==> flow/design.v <==
module core_switch #(
    parameter int WD = 2
) (
    input  logic ck,
    input  logic valid,
    input  logic [WD-1:0] in_ch0,
    input  logic [WD-1:0] in_ch1,
    input  logic [WD-1:0] in_ch2,
    input  logic [WD-1:0] in_ch3,
    input  logic [WD-1:0] in_ch4,
    input  logic [2:0] in_select,
    output logic [WD-1:0] out_dout
);
    logic [WD-1:0] ch0_s;
    logic [WD-1:0] ch1_s;
    logic [WD-1:0] ch2_s;
    logic [WD-1:0] ch3_s;
    logic [WD-1:0] ch4_s;
    logic [2:0] select_s;
    always_ff @(posedge ck) begin
        if (valid) begin
            ch0_s <= in_ch0;
            ch1_s <= in_ch1;
            ch2_s <= in_ch2;
            ch3_s <= in_ch3;
            ch4_s <= in_ch4;
            select_s <= in_select;
        end
    end
    logic [WD-1:0] r;
    always_comb begin
        case (select_s)
            3'd0: r = ch0_s;
            3'd1: r = ch1_s;
            3'd2: r = ch2_s;
            3'd3: r = ch3_s;
            default: r = ch4_s;
        endcase
    end
    always_ff @(posedge ck) begin
        if (valid) begin
            out_dout <= r;
        end
    end
endmodule
Memo
Re: synthesis data of core_switch

* From RTL to reports: core_switch
Module core_switch in several versions that differ in "inputs"; each step lists the members. The RTL above is that of inputs 5; lines are counted from 1 in the file of the member named. Operators: Yosys type, input widths -> output width; for muxes data width and select width s. Not given: n/a
Inputs: top core_switch, clock port ck, library sky130hd, corner tt_025C_1v80

* Members of the sweep
Lines of each other member's file that are new or changed against the file above; lines that a member lacks are not shown.
New or changed lines:
- inputs 7 | RTL line 11 | input logic [WD-1:0] in_ch5,
- inputs 7 | RTL line 12 | input logic [WD-1:0] in_ch6,
- inputs 7 | RTL line 21 | logic [WD-1:0] ch5_s;
- inputs 7 | RTL line 22 | logic [WD-1:0] ch6_s;
- inputs 7 | RTL line 31 | ch5_s <= in_ch5;
- inputs 7 | RTL line 32 | ch6_s <= in_ch6;
- inputs 7 | RTL line 43 | 3'd4: r = ch4_s;
- inputs 7 | RTL line 44 | 3'd5: r = ch5_s;
- inputs 7 | RTL line 45 | default: r = ch6_s;
- inputs 16 | RTL line 11 | input logic [WD-1:0] in_ch5,
- inputs 16 | RTL line 12 | input logic [WD-1:0] in_ch6,
- inputs 16 | RTL line 13 | input logic [WD-1:0] in_ch7,
- inputs 16 | RTL line 14 | input logic [WD-1:0] in_ch8,
- inputs 16 | RTL line 15 | input logic [WD-1:0] in_ch9,
- inputs 16 | RTL line 16 | input logic [WD-1:0] in_ch10,
- inputs 16 | RTL line 17 | input logic [WD-1:0] in_ch11,
- inputs 16 | RTL line 18 | input logic [WD-1:0] in_ch12,
- inputs 16 | RTL line 19 | input logic [WD-1:0] in_ch13,
- inputs 16 | RTL line 20 | input logic [WD-1:0] in_ch14,
- inputs 16 | RTL line 21 | input logic [WD-1:0] in_ch15,
- inputs 16 | RTL line 22 | input logic [3:0] in_select,
- inputs 16 | RTL line 30 | logic [WD-1:0] ch5_s;
- inputs 16 | RTL line 31 | logic [WD-1:0] ch6_s;
- inputs 16 | RTL line 32 | logic [WD-1:0] ch7_s;
- inputs 16 | RTL line 33 | logic [WD-1:0] ch8_s;
- inputs 16 | RTL line 34 | logic [WD-1:0] ch9_s;
- inputs 16 | RTL line 35 | logic [WD-1:0] ch10_s;
- inputs 16 | RTL line 36 | logic [WD-1:0] ch11_s;
- inputs 16 | RTL line 37 | logic [WD-1:0] ch12_s;
- inputs 16 | RTL line 38 | logic [WD-1:0] ch13_s;
- inputs 16 | RTL line 39 | logic [WD-1:0] ch14_s;
- inputs 16 | RTL line 40 | logic [WD-1:0] ch15_s;
- inputs 16 | RTL line 41 | logic [3:0] select_s;
- inputs 16 | RTL line 49 | ch5_s <= in_ch5;
- inputs 16 | RTL line 50 | ch6_s <= in_ch6;
- inputs 16 | RTL line 51 | ch7_s <= in_ch7;
- inputs 16 | RTL line 52 | ch8_s <= in_ch8;
- inputs 16 | RTL line 53 | ch9_s <= in_ch9;
- inputs 16 | RTL line 54 | ch10_s <= in_ch10;
- inputs 16 | RTL line 55 | ch11_s <= in_ch11;
- inputs 16 | RTL line 56 | ch12_s <= in_ch12;
- inputs 16 | RTL line 57 | ch13_s <= in_ch13;
- inputs 16 | RTL line 58 | ch14_s <= in_ch14;
- inputs 16 | RTL line 59 | ch15_s <= in_ch15;
- inputs 16 | RTL line 66 | 4'd0: r = ch0_s;
- inputs 16 | RTL line 67 | 4'd1: r = ch1_s;
- inputs 16 | RTL line 68 | 4'd2: r = ch2_s;
- inputs 16 | RTL line 69 | 4'd3: r = ch3_s;
- inputs 16 | RTL line 70 | 4'd4: r = ch4_s;
- inputs 16 | RTL line 71 | 4'd5: r = ch5_s;
- inputs 16 | RTL line 72 | 4'd6: r = ch6_s;
- inputs 16 | RTL line 73 | 4'd7: r = ch7_s;
- inputs 16 | RTL line 74 | 4'd8: r = ch8_s;
- inputs 16 | RTL line 75 | 4'd9: r = ch9_s;
- inputs 16 | RTL line 76 | 4'd10: r = ch10_s;
- inputs 16 | RTL line 77 | 4'd11: r = ch11_s;
- inputs 16 | RTL line 78 | 4'd12: r = ch12_s;
- inputs 16 | RTL line 79 | 4'd13: r = ch13_s;
- inputs 16 | RTL line 80 | 4'd14: r = ch14_s;
- inputs 16 | RTL line 81 | default: r = ch15_s;
- inputs 20 | RTL line 11 | input logic [WD-1:0] in_ch5,
- inputs 20 | RTL line 12 | input logic [WD-1:0] in_ch6,
- inputs 20 | RTL line 13 | input logic [WD-1:0] in_ch7,
- inputs 20 | RTL line 14 | input logic [WD-1:0] in_ch8,
- inputs 20 | RTL line 15 | input logic [WD-1:0] in_ch9,
- inputs 20 | RTL line 16 | input logic [WD-1:0] in_ch10,
- inputs 20 | RTL line 17 | input logic [WD-1:0] in_ch11,
- inputs 20 | RTL line 18 | input logic [WD-1:0] in_ch12,
- inputs 20 | RTL line 19 | input logic [WD-1:0] in_ch13,
- inputs 20 | RTL line 20 | input logic [WD-1:0] in_ch14,
- inputs 20 | RTL line 21 | input logic [WD-1:0] in_ch15,
- inputs 20 | RTL line 22 | input logic [WD-1:0] in_ch16,
- inputs 20 | RTL line 23 | input logic [WD-1:0] in_ch17,
- inputs 20 | RTL line 24 | input logic [WD-1:0] in_ch18,
- inputs 20 | RTL line 25 | input logic [WD-1:0] in_ch19,
- inputs 20 | RTL line 26 | input logic [4:0] in_select,
- inputs 20 | RTL line 34 | logic [WD-1:0] ch5_s;
- inputs 20 | RTL line 35 | logic [WD-1:0] ch6_s;
- inputs 20 | RTL line 36 | logic [WD-1:0] ch7_s;
- inputs 20 | RTL line 37 | logic [WD-1:0] ch8_s;
- inputs 20 | RTL line 38 | logic [WD-1:0] ch9_s;
- inputs 20 | RTL line 39 | logic [WD-1:0] ch10_s;
- inputs 20 | RTL line 40 | logic [WD-1:0] ch11_s;
- inputs 20 | RTL line 41 | logic [WD-1:0] ch12_s;
- inputs 20 | RTL line 42 | logic [WD-1:0] ch13_s;
- inputs 20 | RTL line 43 | logic [WD-1:0] ch14_s;
- inputs 20 | RTL line 44 | logic [WD-1:0] ch15_s;
- inputs 20 | RTL line 45 | logic [WD-1:0] ch16_s;
- inputs 20 | RTL line 46 | logic [WD-1:0] ch17_s;
- inputs 20 | RTL line 47 | logic [WD-1:0] ch18_s;
- inputs 20 | RTL line 48 | logic [WD-1:0] ch19_s;
- inputs 20 | RTL line 49 | logic [4:0] select_s;
- inputs 20 | RTL line 57 | ch5_s <= in_ch5;
- inputs 20 | RTL line 58 | ch6_s <= in_ch6;
- inputs 20 | RTL line 59 | ch7_s <= in_ch7;
- inputs 20 | RTL line 60 | ch8_s <= in_ch8;
- inputs 20 | RTL line 61 | ch9_s <= in_ch9;
- inputs 20 | RTL line 62 | ch10_s <= in_ch10;
- inputs 20 | RTL line 63 | ch11_s <= in_ch11;
- inputs 20 | RTL line 64 | ch12_s <= in_ch12;
- inputs 20 | RTL line 65 | ch13_s <= in_ch13;
- inputs 20 | RTL line 66 | ch14_s <= in_ch14;
- inputs 20 | RTL line 67 | ch15_s <= in_ch15;
- inputs 20 | RTL line 68 | ch16_s <= in_ch16;
- inputs 20 | RTL line 69 | ch17_s <= in_ch17;
- inputs 20 | RTL line 70 | ch18_s <= in_ch18;
- inputs 20 | RTL line 71 | ch19_s <= in_ch19;
- inputs 20 | RTL line 78 | 5'd0: r = ch0_s;
- inputs 20 | RTL line 79 | 5'd1: r = ch1_s;
- inputs 20 | RTL line 80 | 5'd2: r = ch2_s;
- inputs 20 | RTL line 81 | 5'd3: r = ch3_s;
- inputs 20 | RTL line 82 | 5'd4: r = ch4_s;
- inputs 20 | RTL line 83 | 5'd5: r = ch5_s;
- inputs 20 | RTL line 84 | 5'd6: r = ch6_s;
- inputs 20 | RTL line 85 | 5'd7: r = ch7_s;
- inputs 20 | RTL line 86 | 5'd8: r = ch8_s;
- inputs 20 | RTL line 87 | 5'd9: r = ch9_s;
- inputs 20 | RTL line 88 | 5'd10: r = ch10_s;
- inputs 20 | RTL line 89 | 5'd11: r = ch11_s;
- inputs 20 | RTL line 90 | 5'd12: r = ch12_s;
- inputs 20 | RTL line 91 | 5'd13: r = ch13_s;
- inputs 20 | RTL line 92 | 5'd14: r = ch14_s;
- inputs 20 | RTL line 93 | 5'd15: r = ch15_s;
- inputs 20 | RTL line 94 | 5'd16: r = ch16_s;
- inputs 20 | RTL line 95 | 5'd17: r = ch17_s;
- inputs 20 | RTL line 96 | 5'd18: r = ch18_s;
- inputs 20 | RTL line 97 | default: r = ch19_s;

* Elaborated design
Counts by Yosys on the flattened word-level netlist (proc, flatten, opt, wreduce; memories kept). Register bits leave out memories and registers merged into their read ports (data or address); mux counts leave out enables and synchronous resets folded into registers. Print and check cells are left out. Cells with the same type and inputs are merged into one.
Word-level totals:
- inputs 5 | ROM bits 0, output and inout port bits 2, register bits 15, clocked read ports x word width 0, input bits 15, bits in latches 0, cells after elaboration 12, memory cells 0, memory bits (writable) 0
- inputs 7 | ROM bits 0, output and inout port bits 2, register bits 19, clocked read ports x word width 0, input bits 19, bits in latches 0, cells after elaboration 16, memory cells 0, memory bits (writable) 0
- inputs 16 | ROM bits 0, output and inout port bits 2, register bits 38, clocked read ports x word width 0, input bits 38, bits in latches 0, cells after elaboration 34, memory cells 0, memory bits (writable) 0
- inputs 20 | ROM bits 0, output and inout port bits 2, register bits 47, clocked read ports x word width 0, input bits 47, bits in latches 0, cells after elaboration 42, memory cells 0, memory bits (writable) 0
Operators by class:
- inputs 5 | $add $sub $neg 0, multipliers 0, mux-type cells 1, $lt $le $gt $ge 0, bitwise operators 0, eq/ne operators 3, reductions and logical operators 1, divide/modulo/power cells 0, shift operators 0
- inputs 7 | $add $sub $neg 0, multipliers 0, mux-type cells 1, $lt $le $gt $ge 0, bitwise operators 0, eq/ne operators 5, reductions and logical operators 1, divide/modulo/power cells 0, shift operators 0
- inputs 16 | $add $sub $neg 0, multipliers 0, mux-type cells 1, $lt $le $gt $ge 0, bitwise operators 0, eq/ne operators 14, reductions and logical operators 1, divide/modulo/power cells 0, shift operators 0
- inputs 20 | $add $sub $neg 0, multipliers 0, mux-type cells 1, $lt $le $gt $ge 0, bitwise operators 0, eq/ne operators 18, reductions and logical operators 1, divide/modulo/power cells 0, shift operators 0
Operator list (kinds with counts):
- inputs 5 | 1 x $pmux 2 s4; 2 x $eq 3x2->1 const B; 1 x $eq 3x1->1 const B; 1 x $logic_not 3->1
- inputs 7 | 1 x $pmux 2 s6; 2 x $eq 3x2->1 const B; 2 x $eq 3x3->1 const B; 1 x $eq 3x1->1 const B; 1 x $logic_not 3->1
- inputs 16 | 1 x $pmux 2 s15; 7 x $eq 4x4->1 const B; 4 x $eq 4x3->1 const B; 2 x $eq 4x2->1 const B; 1 x $eq 4x1->1 const B; 1 x $logic_not 4->1
- inputs 20 | 8 x $eq 5x4->1 const B; 1 x $pmux 2 s19; 4 x $eq 5x3->1 const B; 3 x $eq 5x5->1 const B; 2 x $eq 5x2->1 const B; 1 x $eq 5x1->1 const B; 1 x $logic_not 5->1

* Logic depth
Longest topological path by Yosys (ltp), each cell counted once; first at word level (registers and memories cut), then after technology mapping (sequential cells cut; the memories' decode and read muxes count).
Logic depth:
- inputs 5 | depth after elaboration 2, ABC_AREA 0, mapped depth 3
- inputs 7 | depth after elaboration 2, ABC_AREA 0, mapped depth 4
- inputs 16 | depth after elaboration 2, ABC_AREA 0, mapped depth 7
- inputs 20 | depth after elaboration 2, ABC_AREA 0, mapped depth 7

* Netlist
Yosys stat after the flow's synthesis: flattened, memories mapped to cells. It holds for the ABC_AREA given above (unset counts as 0); a run with the other value may have another netlist.
Synthesis totals:
- inputs 5 | flip-flops 15, buffers 0, cell count 26, mapped area 531.8 µm²
- inputs 7 | flip-flops 19, buffers 2, cell count 34, mapped area 705.7 µm²
- inputs 16 | flip-flops 38, buffers 5, cell count 94, mapped area 1505.2 µm²
- inputs 20 | flip-flops 47, buffers 6, cell count 114, mapped area 1899.3 µm²
Cell types (types with counts):
- inputs 5 | 15 x sky130_fd_sc_hd__edfxtp_1; 2 x sky130_fd_sc_hd__mux2i_1; 3 x sky130_fd_sc_hd__nor2b_1; 2 x sky130_fd_sc_hd__a2111oi_0; 2 x sky130_fd_sc_hd__a221oi_1; 2 x sky130_fd_sc_hd__inv_1
- inputs 7 | 19 x sky130_fd_sc_hd__edfxtp_1; 1 x sky130_fd_sc_hd__mux4_2; 2 x sky130_fd_sc_hd__mux2i_1; 2 x sky130_fd_sc_hd__nand4b_1; 2 x sky130_fd_sc_hd__nand3b_1; 1 x sky130_fd_sc_hd__buf_6; 1 x sky130_fd_sc_hd__mux2_2; 1 x sky130_fd_sc_hd__a311o_1; 1 x sky130_fd_sc_hd__o311ai_0; 1 x sky130_fd_sc_hd__a21oi_1; 1 x sky130_fd_sc_hd__clkbuf_2; 1 x sky130_fd_sc_hd__o21ai_0; 1 x sky130_fd_sc_hd__nand2_1
- inputs 16 | 38 x sky130_fd_sc_hd__edfxtp_1; 5 x sky130_fd_sc_hd__mux2i_1; 7 x sky130_fd_sc_hd__a21oi_1; 7 x sky130_fd_sc_hd__nand2_1; 2 x sky130_fd_sc_hd__mux2_1; 5 x sky130_fd_sc_hd__nor2_1; 2 x sky130_fd_sc_hd__a22oi_1; 2 x sky130_fd_sc_hd__buf_4; 3 x sky130_fd_sc_hd__nand3_1; 3 x sky130_fd_sc_hd__nor3_1; 1 x sky130_fd_sc_hd__a211oi_2; 1 x sky130_fd_sc_hd__buf_6; 1 x sky130_fd_sc_hd__nor3_2; 1 x sky130_fd_sc_hd__nor4bb_1; 2 x sky130_fd_sc_hd__o21ai_1; 1 x sky130_fd_sc_hd__a22o_1; 1 x sky130_fd_sc_hd__a41oi_1; 1 x sky130_fd_sc_hd__and2_4; (+11)
- inputs 20 | 47 x sky130_fd_sc_hd__edfxtp_1; 2 x sky130_fd_sc_hd__mux4_1; 5 x sky130_fd_sc_hd__mux2i_1; 10 x sky130_fd_sc_hd__nand2_1; 3 x sky130_fd_sc_hd__mux2_2; 6 x sky130_fd_sc_hd__nor2_1; 3 x sky130_fd_sc_hd__nor3b_1; 4 x sky130_fd_sc_hd__o21ai_0; 2 x sky130_fd_sc_hd__o32a_1; 1 x sky130_fd_sc_hd__o32ai_2; 3 x sky130_fd_sc_hd__buf_2; 1 x sky130_fd_sc_hd__mux2_4; 2 x sky130_fd_sc_hd__o211ai_1; 2 x sky130_fd_sc_hd__a31oi_1; 2 x sky130_fd_sc_hd__nor4_1; 1 x sky130_fd_sc_hd__and3_4; 1 x sky130_fd_sc_hd__buf_6; 1 x sky130_fd_sc_hd__nand4bb_1; (+18)
A list marked (+n) leaves out that many cells.

* Path before layout
Source: OpenSTA report_checks on the synthesized netlist (no wires, ideal clock, input and output delay 20% of the period each), path of least setup slack; recovery checks are left aside. Register names are those of the netlist, which keeps one name where synthesis merged equal registers.
Timing path post-synthesis:
- inputs 5 | path type reg2reg, start register select_s[1], end register out_dout[0], path delay 1.165 ns, setup slack 0.295 ns, driving pins on the path 4, clock period 1.46 ns, synthesis period reached 1.165 ns
- inputs 7 | path type reg2reg, start register select_s[0], end register out_dout[0], path delay 1.420 ns, setup slack 0.350 ns, driving pins on the path 4, clock period 1.77 ns, synthesis period reached 1.42 ns
- inputs 16 | path type reg2reg, start register select_s[2], end register out_dout[1], path delay 1.527 ns, setup slack 0.383 ns, driving pins on the path 7, clock period 1.91 ns, synthesis period reached 1.527 ns
- inputs 20 | path type reg2reg, start register select_s[2], end register out_dout[0], path delay 1.814 ns, setup slack 0.457 ns, driving pins on the path 7, clock period 2.27 ns, synthesis period reached 1.813 ns
"path delay" = arrival - input delay + setup time. "driving pins on the path": output pins that drive a net of the path, with the launching flip-flop's if there is one; two outputs of one cell count as two. "synthesis period reached" = period - worst setup slack (recovery checks aside). The figure is calculated, with input and output delays left at 20% of the set period. Between the ends stands the longest chain of elaborated cells between them, by number of cells; it is not shown to be the way that was timed. Of several equally long chains one is given. A line is the first line of the expression or statement that the cell stems from. Yosys adds cells for indexed reads and writes and turns some case tables into memories.
On the way, post-synthesis, inputs 5: length of the longest elaborated chain 2
RTL lines, path post-synthesis, inputs 5:
- start: declaration | RTL line 19 | logic [2:0] select_s;
- start: assignment | RTL line 27 | select_s <= in_select;
- $eq 3x2->1 | RTL line 32 | case (select_s)
- $pmux 2 s4 | RTL line 32
- end: assignment | RTL line 42 | out_dout <= r;
- end: declaration | RTL line 12 | output logic [WD-1:0] out_dout
On the way, post-synthesis, inputs 20: length of the longest elaborated chain 2
RTL lines, path post-synthesis, inputs 20:
- start: declaration | RTL line 49 | logic [4:0] select_s;
- start: assignment | RTL line 72 | select_s <= in_select;
- $eq 5x5->1 | RTL line 77 | case (select_s)
- $pmux 2 s19 | RTL line 77
- end: assignment | RTL line 102 | out_dout <= r;
- end: declaration | RTL line 27 | output logic [WD-1:0] out_dout

* Worst path after layout
Path of least setup slack in the final report of each member's run (OpenROAD, finished layout, wires in). Where an end is a register, its clock arrival counts in the times.
Timing path after layout:
- inputs 5 | path type reg2out, start register out_dout[0], end output out_dout[0], driving pins on the path 2, buffers on the path 1, setup slack 0.05 ns, clock period 1.46 ns, data arrival time 1.12 ns
- inputs 7 | path type reg2reg, start register select_s[0], end register out_dout[0], driving pins on the path 3, buffers on the path 0, setup slack 0.25 ns, clock period 1.77 ns, data arrival time 1.57 ns
- inputs 16 | path type reg2reg, start register select_s[0], end register out_dout[0], driving pins on the path 6, buffers on the path 0, setup slack 0.19 ns, clock period 1.91 ns, data arrival time 1.75 ns
- inputs 20 | path type reg2reg, start register select_s[2], end register out_dout[0], driving pins on the path 6, buffers on the path 0, setup slack 0.31 ns, clock period 2.27 ns, data arrival time 2.01 ns

* Layout results
Settings and results of one run of the flow (Yosys, OpenROAD) for each member follow. The constraints put input and output delay at 20% of the set period each and load the outputs with 0.01 pF.
Flow settings: CAP_MARGIN 20, CORE_MARGIN 2, CORE_UTILIZATION 40, SLEW_MARGIN 20
Settings by member (period_ns):
- inputs 5 | 1.46
- inputs 7 | 1.77
- inputs 16 | 1.91
- inputs 20 | 2.27
Measured results:
- inputs 5 | achieved period 1.413 ns, post-route worst hold slack 0.564 ns, setup TNS 0.000 ns, synthesized cell area 531.8 µm², utilization after layout 59.1%, lowest setup slack 0.047 ns, area of the standard cells in the finished layout 749.5 µm², overall power 0.8388 mW, die outline area 1637.0 µm²
- inputs 7 | achieved period 1.521 ns, post-route worst hold slack 0.606 ns, setup TNS 0.000 ns, synthesized cell area 705.7 µm², utilization after layout 55.9%, lowest setup slack 0.249 ns, area of the standard cells in the finished layout 944.7 µm², overall power 0.8535 mW, die outline area 2116.0 µm²
- inputs 16 | achieved period 1.719 ns, post-route worst hold slack 0.583 ns, setup TNS 0.000 ns, synthesized cell area 1505.2 µm², utilization after layout 56.0%, lowest setup slack 0.191 ns, area of the standard cells in the finished layout 2035.7 µm², overall power 1.729 mW, die outline area 4270.0 µm²
- inputs 20 | achieved period 1.959 ns, post-route worst hold slack 0.578 ns, setup TNS 0.000 ns, synthesized cell area 1899.3 µm², utilization after layout 55.2%, lowest setup slack 0.311 ns, area of the standard cells in the finished layout 2571.2 µm², overall power 1.886 mW, die outline area 5315.1 µm²
"achieved period": clock period set for the run, less the worst setup slack. It is reckoned from that one timing run; input and output delays stay at 20% of the period that was set. "overall power" is the tool's figure for a default switching activity; nothing was simulated.
